==> flow/design.v <==
module gen_diff_unit (clk, reset, i_x, i_y, o_q, o_diff);
    parameter XLEN = 40;
    input clk;
    input reset;
    input [XLEN-1:0] i_x;
    input [XLEN-1:0] i_y;
    output [XLEN:0] o_q;
    output [XLEN:0] o_diff;
    reg [XLEN-1:0] x_reg;
    reg [XLEN-1:0] y_reg;
    always @(posedge clk) begin
        if (reset) begin
            x_reg <= 0;
            y_reg <= 0;
        end else begin
            x_reg <= i_x;
            y_reg <= i_y;
        end
    end
    assign o_q = x_reg + y_reg;
    assign o_diff = x_reg - y_reg;
endmodule
======== Tool chain data of gen_diff_unit ========
What the tools print for gen_diff_unit, step after step.
Lines are those of the file above, counted from 1.
Cell names lack the library's common part.
Not given: n/a
set-up
  top module .............................. gen_diff_unit
  clock input ............................. clk
  standard-cell library ................... sky130hd
  library corner .......................... tt_025C_1v80

======== Word level ========
Counts by Yosys on the flattened word-level netlist (proc, flatten, opt, wreduce; memories kept). Register bits leave out memories and registers merged into their read ports (data or address); mux counts leave out enables and synchronous resets folded into registers. Print and check cells are left out. Cells with the same type and inputs are merged into one.
word-level totals
  register bits ........................... 80
  bits of input ports ..................... 82
  output and inout bits ................... 82
  word-level cells ........................ 4
operators by class
  add/sub/neg operators ................... 2
operator list
  operator                      number
  adder 40 x 40 -> 41 bit       1
  subtractor 40 x 40 -> 41 bit  1

======== Depth ========
Depth = most cells in a row (Yosys ltp): at word level without a register or memory, in the mapped netlist without a sequential cell, where the memories' decode and read muxes count.
logic depth
  word-level depth ........................ 1
  ABC_AREA ................................ 0
  gate-level depth with buffers ........... 12
  depth with buffers taken out ............ 12

======== Netlist ========
Source: synth_stat.txt of the flow (Yosys; design flattened, memories mapped). It holds for the ABC_AREA given above (unset counts as 0); a run with the other value may have another netlist.
cells by type
  type      number  total area (µm²)
  dfxtp_1   80      1.6E+03
  ha_1      80      1,000.96
  xnor2_1   65      569.296
  nor2b_1   88      550.528
  a21oi_1   84      420.403
  inv_1     79      296.534
  nor2_1    70      262.752
  o21ai_0   30      150.144
  o21bai_1  19      142.637
  a21o_1    17      127.622
  clkbuf_1  26      97.594
  nand4_1   14      87.584
  nand2_1   19      71.318
  o211ai_1  9       67.565
  o31ai_1   9       67.565
  nand3_1   12      60.058
  nor3_1    12      60.058
  nor4_1    9       56.304
Not listed: further types 54, cells in them 128.
synthesis totals
  cells in the netlist .................... 850
  synthesis area .......................... 6,750.2 µm²
  sequential area ......................... 1,601.5 µm²
  mapped flip-flops ....................... 80
  buffer cells ............................ 44

======== Worst setup path after synthesis ========
Source: OpenSTA report_checks on the synthesized netlist (no wires, ideal clock, input and output delay 20% of the period each), path of least setup slack; recovery checks are left aside. Register names are those of the netlist, which keeps one name where synthesis merged equal registers.
timing post-synthesis
  path type ............................... register -> output
  start point ............................. reg x_reg[0]
  end point ............................... out o_diff[36]
  period .................................. 4.35 ns
  external output delay ................... 0.870 ns
  launch time at the first pin ............ 0.000 ns
  data arrival time ....................... 2.787 ns
  setup slack ............................. 0.693 ns
  path delay .............................. 2.787 ns
  driving pins on the path ................ 13
  path buffers ............................ 0
  period reached after synthesis .......... 3.657 ns
"path delay" = arrival - input delay + setup time.
At an output port there is no setup time.
"driving pins on the path" counts driving pins, that of a launching flip-flop among them; a cell with two outputs on the path counts twice.
"period reached after synthesis" = period - worst setup slack (recovery checks aside). The figure is calculated, with input and output delays left at 20% of the set period.
The rows between start and end are the longest chain of elaborated cells between them; the timing report does not say that the signal goes this way. Where chains are equally long, one stands for them.
Each line given opens the expression or statement behind the cell; cells for indexed reads and writes are added by Yosys, which also makes memories of some case tables.
between the ends, post-synthesis
  cell sequence ........................... dfxtp_1 inv_1 ha_1 fa_1 nand2b_1 a21oi_1 o211a_1 o311ai_1 a2111oi_0 nor2_1 a211oi_1 nor3_1 a211o_1
  length of the longest elaborated chain .. 1
ends and longest elaborated chain, post-synthesis
  what                          RTL line  RTL
  start: declaration            9         reg [XLEN-1:0] x_reg;
  start: assignment             13        x_reg <= 0;
  start: assignment             16        x_reg <= i_x;
  subtractor 40 x 40 -> 41 bit  21        assign o_diff = x_reg - y_reg;
  end: declaration              8         output [XLEN:0] o_diff;

======== Timing after layout ========
Path of least setup slack in the final report of run 1 (OpenROAD, finished layout, wires in). Where an end is a register, its clock arrival counts in the times.
timing post-layout
  path type ............................... register -> output
  start point ............................. reg x_reg[0]
  end point ............................... out o_diff[36]
  period .................................. 6.04 ns
  external output delay ................... 1.21 ns
  launch time at the first pin ............ 0.35 ns
  data arrival time ....................... 4.37 ns
  setup slack ............................. 0.46 ns
  driving pins on the path ................ 14
  path buffers ............................ 1
The rows between start and end are the longest chain of elaborated cells between them; the timing report does not say that the signal goes this way. Where chains are equally long, one stands for them.
between the ends, post-layout
  cell sequence ........................... dfxtp_1 inv_1 ha_1 fa_1 nand2b_1 a21oi_1 o211a_1 o311ai_1 a2111oi_0 nor2_1 a211oi_1 nor3_1 a211o_1 clkdlybuf4s50_1
  length of the longest elaborated chain .. 1
ends and longest elaborated chain, post-layout
  what                          RTL line  RTL
  start: declaration            9         reg [XLEN-1:0] x_reg;
  start: assignment             13        x_reg <= 0;
  start: assignment             16        x_reg <= i_x;
  subtractor 40 x 40 -> 41 bit  21        assign o_diff = x_reg - y_reg;
  end: declaration              8         output [XLEN:0] o_diff;

Wiki page: gen_diff_unit / flow data

Measured results for gen_diff_unit: 3 stored runs of the Yosys and OpenROAD flow on sky130hd. The settings differ; the order carries no meaning. The constraints put input and output delay at 20% of the set period each and load the outputs with 0.01 pF.
"period achieved" = clock period - worst setup slack. The figure is calculated, with input and output delays left at 20% of the set period.
"allowed time less slack (worst setup path)" means the part of the period allowed to the worst setup path (the constraints hold back 20% at inputs and 20% at outputs) less its slack; where the path has registers, the arrival times of their clocks count too.
"overall power" is the tool's figure for a default switching activity; nothing was simulated.

---- run 1 ----
settings
  period_ns = 6.04
  CORE_UTILIZATION = 42
  PLACE_DENSITY_LB_ADDON = 0.24
  CELL_PAD_IN_SITES_GLOBAL_PLACEMENT = 2
  CELL_PAD_IN_SITES_DETAIL_PLACEMENT = 0
  ABC_AREA = 0
  GPL_TIMING_DRIVEN = 1
  SLEW_MARGIN = 25
  CAP_MARGIN = 20
  CORE_MARGIN = 2
results
  utilization of the finished layout ...... 55.6 %
  standard-cell area of the final layout .. 8,775.9 µm²
  post-route setup TNS .................... 0.000 ns
  period achieved ......................... 5.578 ns
  smallest setup slack .................... 0.462 ns
  allowed time less slack (worst setup path) .. 4.37 ns
  type of the worst setup path ............ register -> output
  overall power ........................... 2.022 mW
  synthesized cell area ................... 6,750.2 µm²
  lowest hold slack ....................... 1.404 ns
  overall die area ........................ 17,102.1 µm²

---- run 2 ----
settings
  period_ns = 2.34
  CORE_UTILIZATION = 41
  SETUP_SLACK_MARGIN = 0.47
  HOLD_SLACK_MARGIN = 0.09
  CORE_ASPECT_RATIO = 1.08
  CELL_PAD_IN_SITES_GLOBAL_PLACEMENT = 0
  ABC_AREA = 1
  GPL_TIMING_DRIVEN = 1
  CTS_CLUSTER_SIZE = 13
  SLEW_MARGIN = 15
  MIN_ROUTING_LAYER = met1
  CAP_MARGIN = 20
  CORE_MARGIN = 2
results
  utilization of the finished layout ...... 76.1 %
  standard-cell area of the final layout .. 14,836.7 µm²
  post-route setup TNS .................... -27.881 ns
  period achieved ......................... 2.862 ns
  smallest setup slack .................... -0.522 ns
  allowed time less slack (worst setup path) .. 2.39 ns
  type of the worst setup path ............ register -> output
  overall power ........................... 6.827 mW
  synthesized cell area ................... 8,189.1 µm²
  lowest hold slack ....................... 0.586 ns
  overall die area ........................ 21,120.3 µm²

---- run 3 ----
settings
  period_ns = 4.35
  CAP_MARGIN = 20
  CORE_MARGIN = 2
  CORE_UTILIZATION = 40
  SLEW_MARGIN = 20
results
  utilization of the finished layout ...... 58.2 %
  standard-cell area of the final layout .. 9,611.7 µm²
  post-route setup TNS .................... 0.000 ns
  period achieved ......................... 4.181 ns
  smallest setup slack .................... 0.169 ns
  allowed time less slack (worst setup path) .. 3.31 ns
  type of the worst setup path ............ register -> output
  overall power ........................... 2.769 mW
  synthesized cell area ................... 6,750.2 µm²
  lowest hold slack ....................... 1.010 ns
  overall die area ........................ 17,930.5 µm²
